==> flow/design.v <==
module my_multiplier #(
  parameter W = 32,
  parameter MULT_BY = 1445,
  parameter OUT_W = W + $clog2(MULT_BY + 1)
) (
  input  aclk,
  input  [W-1:0] lhs,
  output [OUT_W-1:0] out
);
  reg [W-1:0] r_lhs;
  always @(posedge aclk)
    r_lhs <= lhs;
  assign out = r_lhs * MULT_BY;
endmodule
# [Reports on my_multiplier]
# Tool output for the design above, in the order of the flow.
# Lines are those of the file above, counted from 1.
# Library cell names are shortened.
# A cell with -- has no value.
[design] top_module="my_multiplier" clk_port="aclk" library="sky130hd" pvt_corner="tt_025C_1v80"

# [Word-level counts]
# Counts by Yosys on the flattened word-level netlist (proc, flatten, opt, wreduce; memories kept). Register bits leave out memories and registers merged into their read ports (data or address); mux counts leave out enables and synchronous resets folded into registers. Print and check cells are left out. Cells with the same type and inputs are merged into one.
[classes] multipliers=1
[ops] op="multiplier 32 x 11 -> 43 bit with constant B" count=1
[bits] regBits=32 inputBits=33 wordCells=2 out_inout_bits=43

# [Longest topological paths]
# Depth = most cells in a row (Yosys ltp): at word level without a register or memory, in the mapped netlist without a sequential cell, where the memories' decode and read muxes count.
[logic_depth] word_depth=1 abc_area=0 depth_mapped=19

# [Mapped cells and area]
# Source: synth_stat.txt of the flow (Yosys; design flattened, memories mapped). It holds for the ABC_AREA given above (unset counts as 0); a run with the other value may have another netlist.
[synth_totals] yosys_area_um2=7522.2 ff_cells=32 seqArea_um2=640.6 mapped_cells=830
[by_type] type="ha_1" count=158 type_area_um2=1.98E+03
[by_type] type="fa_1" count=98 type_area_um2=1.96E+03
[by_type] type="inv_1" count=219 type_area_um2=822.038
[by_type] type="dfxtp_1" count=32 type_area_um2=640.614
[by_type] type="xor2_1" count=37 type_area_um2=324.061
[by_type] type="xnor2_1" count=27 type_area_um2=236.477
[by_type] type="a21oi_1" count=42 type_area_um2=210.202
[by_type] type="nand2_1" count=37 type_area_um2=138.883
[by_type] type="a21o_1" count=17 type_area_um2=127.622
[by_type] type="and2_1" count=16 type_area_um2=100.096
[by_type] type="o21ai_0" count=15 type_area_um2=75.072
[by_type] type="nor2_1" count=18 type_area_um2=67.565
[by_type] type="o21bai_1" count=9 type_area_um2=67.565
[by_type] type="nand3_1" count=13 type_area_um2=65.062
[by_type] type="buf_6" count=5 type_area_um2=56.304
[by_type] type="a31oi_1" count=7 type_area_um2=43.792
[by_type] type="a211oi_1" count=5 type_area_um2=37.536
[by_type] type="nand4_1" count=6 type_area_um2=37.536
# Other cell types: 32; their cells: 69.

# [Path before layout]
# Source: OpenSTA report_checks on the synthesized netlist (no wires, ideal clock, input and output delay 20% of the period each), path of least setup slack; recovery checks are left aside. Register names are those of the netlist, which keeps one name where synthesis merged equal registers.
[synth_path] path_kind="register -> output" start="reg r_lhs[1]" end="out out[39]" path_slack_ns=1.192 path_stages=19 delay_ns=4.776 t_required_ns=5.968 clock_period_ns=7.46 arrival_ns=4.776 period_less_setup_slack_ns=6.268
# "delay_ns" is the arrival time less input delay plus setup time.
# A path that ends at an output port has no setup time.
# "path_stages" counts driving pins, that of a launching flip-flop among them; a cell with two outputs on the path counts twice.
# "period_less_setup_slack_ns" is the clock period less the worst setup slack; recovery checks do not enter. This is arithmetic on one report: input and output delays are still those of the set period (20% each).
# Between the ends stands the longest chain of elaborated cells between them, by number of cells; it is not shown to be the way that was timed. Of several equally long chains one is given.
# A line is the first line of the expression or statement that the cell stems from. Yosys adds cells for indexed reads and writes and turns some case tables into memories.
[synth_via] cell_sequence="dfxtp_1 > ha_1 > xor2_1 > ha_1 > or2_2 > fa_1 > inv_1 > fa_1 > inv_1 > fa_1 > ha_1 > nand3_2 > nor4_2 > nor2_1 > a211oi_2 > nor3_2 > o41ai_2 > a31oi_1 > xnor2_1" elab_chain_cells=1 cone_cells=1 cone_lines=1 classes_between="1 x mul"
[synth_rtl] element="start, declared" line_no=10 text="reg [W-1:0] r_lhs;"
[synth_rtl] element="start, assigned" line_no=12 text="r_lhs <= lhs;"
[synth_rtl] element="multiplier 32 x 11 -> 43 bit" line_no=13 text="assign out = r_lhs * MULT_BY;"
[synth_rtl] element="end, declared" line_no=8 text="output [OUT_W-1:0] out"

# [Worst path after layout]
# From the final timing report of stored run 1: the path of least setup slack in the routed layout; clock arrival at registers is part of the times.
[layout_path] path_kind="register -> output" start="reg r_lhs[3]" end="out out[39]" clock_period_ns=11.0 t_required_ns=8.80 path_slack_ns=2.66 arrival_ns=6.14 path_stages=20
# Between the ends stands the longest chain of elaborated cells between them, by number of cells; it is not shown to be the way that was timed. Of several equally long chains one is given.
[layout_via] cell_sequence="dfxtp_1 > ha_1 > xor2_1 > ha_1 > or2_2 > fa_1 > inv_1 > fa_1 > inv_1 > fa_1 > ha_1 > nand3_2 > nor4_2 > nor2_1 > a211oi_2 > nor3_2 > o41ai_2 > a31oi_1 > xnor2_1 > clkdlybuf4s50_1" elab_chain_cells=1 cone_cells=1 cone_lines=1 classes_between="1 x mul"
[layout_rtl] element="start, declared" line_no=10 text="reg [W-1:0] r_lhs;"
[layout_rtl] element="start, assigned" line_no=12 text="r_lhs <= lhs;"
[layout_rtl] element="multiplier 32 x 11 -> 43 bit" line_no=13 text="assign out = r_lhs * MULT_BY;"
[layout_rtl] element="end, declared" line_no=8 text="output [OUT_W-1:0] out"

## Implementation results

Measured data: module my_multiplier, platform sky130hd, 3 stored runs of the flow under differing settings, order arbitrary. Input and output delays are each 20% of the period that was set; the output load is 0.01 pF.
"period_reached_ns": clock period set for the run, less the worst setup slack. It is reckoned from that one timing run; input and output delays stay at 20% of the period that was set.
"critical_path_time_ns" is the time allowed to the run's worst setup path (the clock period less input and output delay, where it has them) less its slack. Clock arrival times count: a late capture clock shortens it, a late launch clock lengthens it.

[flow] stored run 1: files
==> flow/run.sh <==
#!/bin/bash
# the make line also repeats the synthesis and layout settings of config.mk as NAME=value (left out here)
make -C /OpenROAD-flow-scripts/flow DESIGN_CONFIG=/design/flow/config.mk WORK_HOME=/design/flow/orfs CLKGATE_MAP_FILE= finish
==> flow/config.mk <==
export PLATFORM = sky130hd
export DESIGN_NAME = my_multiplier
export DESIGN_NICKNAME = my_multiplier
export VERILOG_FILES = /design/flow/design.v
export SDC_FILE = /design/flow/constraint.sdc
export NUM_CORES = 4
export LEC_CHECK = 0
export CAP_MARGIN = 20
export CELL_PAD_IN_SITES_DETAIL_PLACEMENT = 0
export CELL_PAD_IN_SITES_GLOBAL_PLACEMENT = 3
export CORE_MARGIN = 2
export CORE_UTILIZATION = 24
export CTS_CLUSTER_DIAMETER = 37
export CTS_CLUSTER_SIZE = 43
export MAX_ROUTING_LAYER = met5
export PLACE_DENSITY_LB_ADDON = 0.08
export SLEW_MARGIN = 40
export TNS_END_PERCENT = 15
==> flow/constraint.sdc <==
create_clock -name core_clock -period 11.0 [get_ports {aclk}]
set_input_delay 2.2000 -clock core_clock [delete_from_list [all_inputs] [get_ports {aclk}]]
set_output_delay 2.2000 -clock core_clock [all_outputs]
set_load 0.01 [all_outputs]

[flow] stored run 1: metrics
[metrics] yosys_chip_area_um2 = 7522.2
[metrics] finalUtil_frac = 0.288
[metrics] critical_path_time_ns = 6.14
[metrics] path_kind = register -> output
[metrics] dieArea_um2 = 32775.5
[metrics] period_reached_ns = 8.344
[metrics] timing.setup.ws_ns = 2.656

[flow] stored run 2: files
==> flow/run.sh <==
#!/bin/bash
# the make line also repeats the synthesis and layout settings of config.mk as NAME=value (left out here)
make -C /OpenROAD-flow-scripts/flow DESIGN_CONFIG=/design/flow/config.mk WORK_HOME=/design/flow/orfs CLKGATE_MAP_FILE= finish
==> flow/config.mk <==
export PLATFORM = sky130hd
export DESIGN_NAME = my_multiplier
export DESIGN_NICKNAME = my_multiplier
export VERILOG_FILES = /design/flow/design.v
export SDC_FILE = /design/flow/constraint.sdc
export NUM_CORES = 4
export LEC_CHECK = 0
export CAP_MARGIN = 20
export CORE_MARGIN = 2
export CORE_UTILIZATION = 40
export SLEW_MARGIN = 20
==> flow/constraint.sdc <==
create_clock -name core_clock -period 7.46 [get_ports {aclk}]
set_input_delay 1.4920 -clock core_clock [delete_from_list [all_inputs] [get_ports {aclk}]]
set_output_delay 1.4920 -clock core_clock [all_outputs]
set_load 0.01 [all_outputs]

[flow] stored run 2: metrics
[metrics] yosys_chip_area_um2 = 7522.2
[metrics] finalUtil_frac = 0.469
[metrics] period_reached_ns = 7.246
[metrics] dieArea_um2 = 19919.1
[metrics] critical_path_time_ns = 5.75
[metrics] path_kind = register -> output
[metrics] timing.setup.ws_ns = 0.214

[flow] stored run 3: files
==> flow/run.sh <==
#!/bin/bash
# the make line also repeats the synthesis and layout settings of config.mk as NAME=value (left out here)
make -C /OpenROAD-flow-scripts/flow DESIGN_CONFIG=/design/flow/config.mk WORK_HOME=/design/flow/orfs CLKGATE_MAP_FILE= finish
==> flow/config.mk <==
export PLATFORM = sky130hd
export DESIGN_NAME = my_multiplier
export DESIGN_NICKNAME = my_multiplier
export VERILOG_FILES = /design/flow/design.v
export SDC_FILE = /design/flow/constraint.sdc
export NUM_CORES = 4
export LEC_CHECK = 0
export CAP_MARGIN = 30
export CELL_PAD_IN_SITES_DETAIL_PLACEMENT = 1
export CORE_ASPECT_RATIO = 0.67
export CORE_MARGIN = 2
export CORE_UTILIZATION = 37
export MAX_ROUTING_LAYER = met4
export MIN_ROUTING_LAYER = met1
export PLACE_DENSITY_LB_ADDON = 0.29
export SETUP_SLACK_MARGIN = 1.73
export SLEW_MARGIN = 20
==> flow/constraint.sdc <==
create_clock -name core_clock -period 10.2 [get_ports {aclk}]
set_input_delay 2.0400 -clock core_clock [delete_from_list [all_inputs] [get_ports {aclk}]]
set_output_delay 2.0400 -clock core_clock [all_outputs]
set_load 0.01 [all_outputs]

[flow] stored run 3: metrics
[metrics] timing.setup.ws_ns = 2.084
[metrics] finalUtil_frac = 0.436
[metrics] yosys_chip_area_um2 = 7522.2
[metrics] critical_path_time_ns = 6.08
[metrics] path_kind = register -> output
[metrics] period_reached_ns = 8.116
[metrics] dieArea_um2 = 21509.9
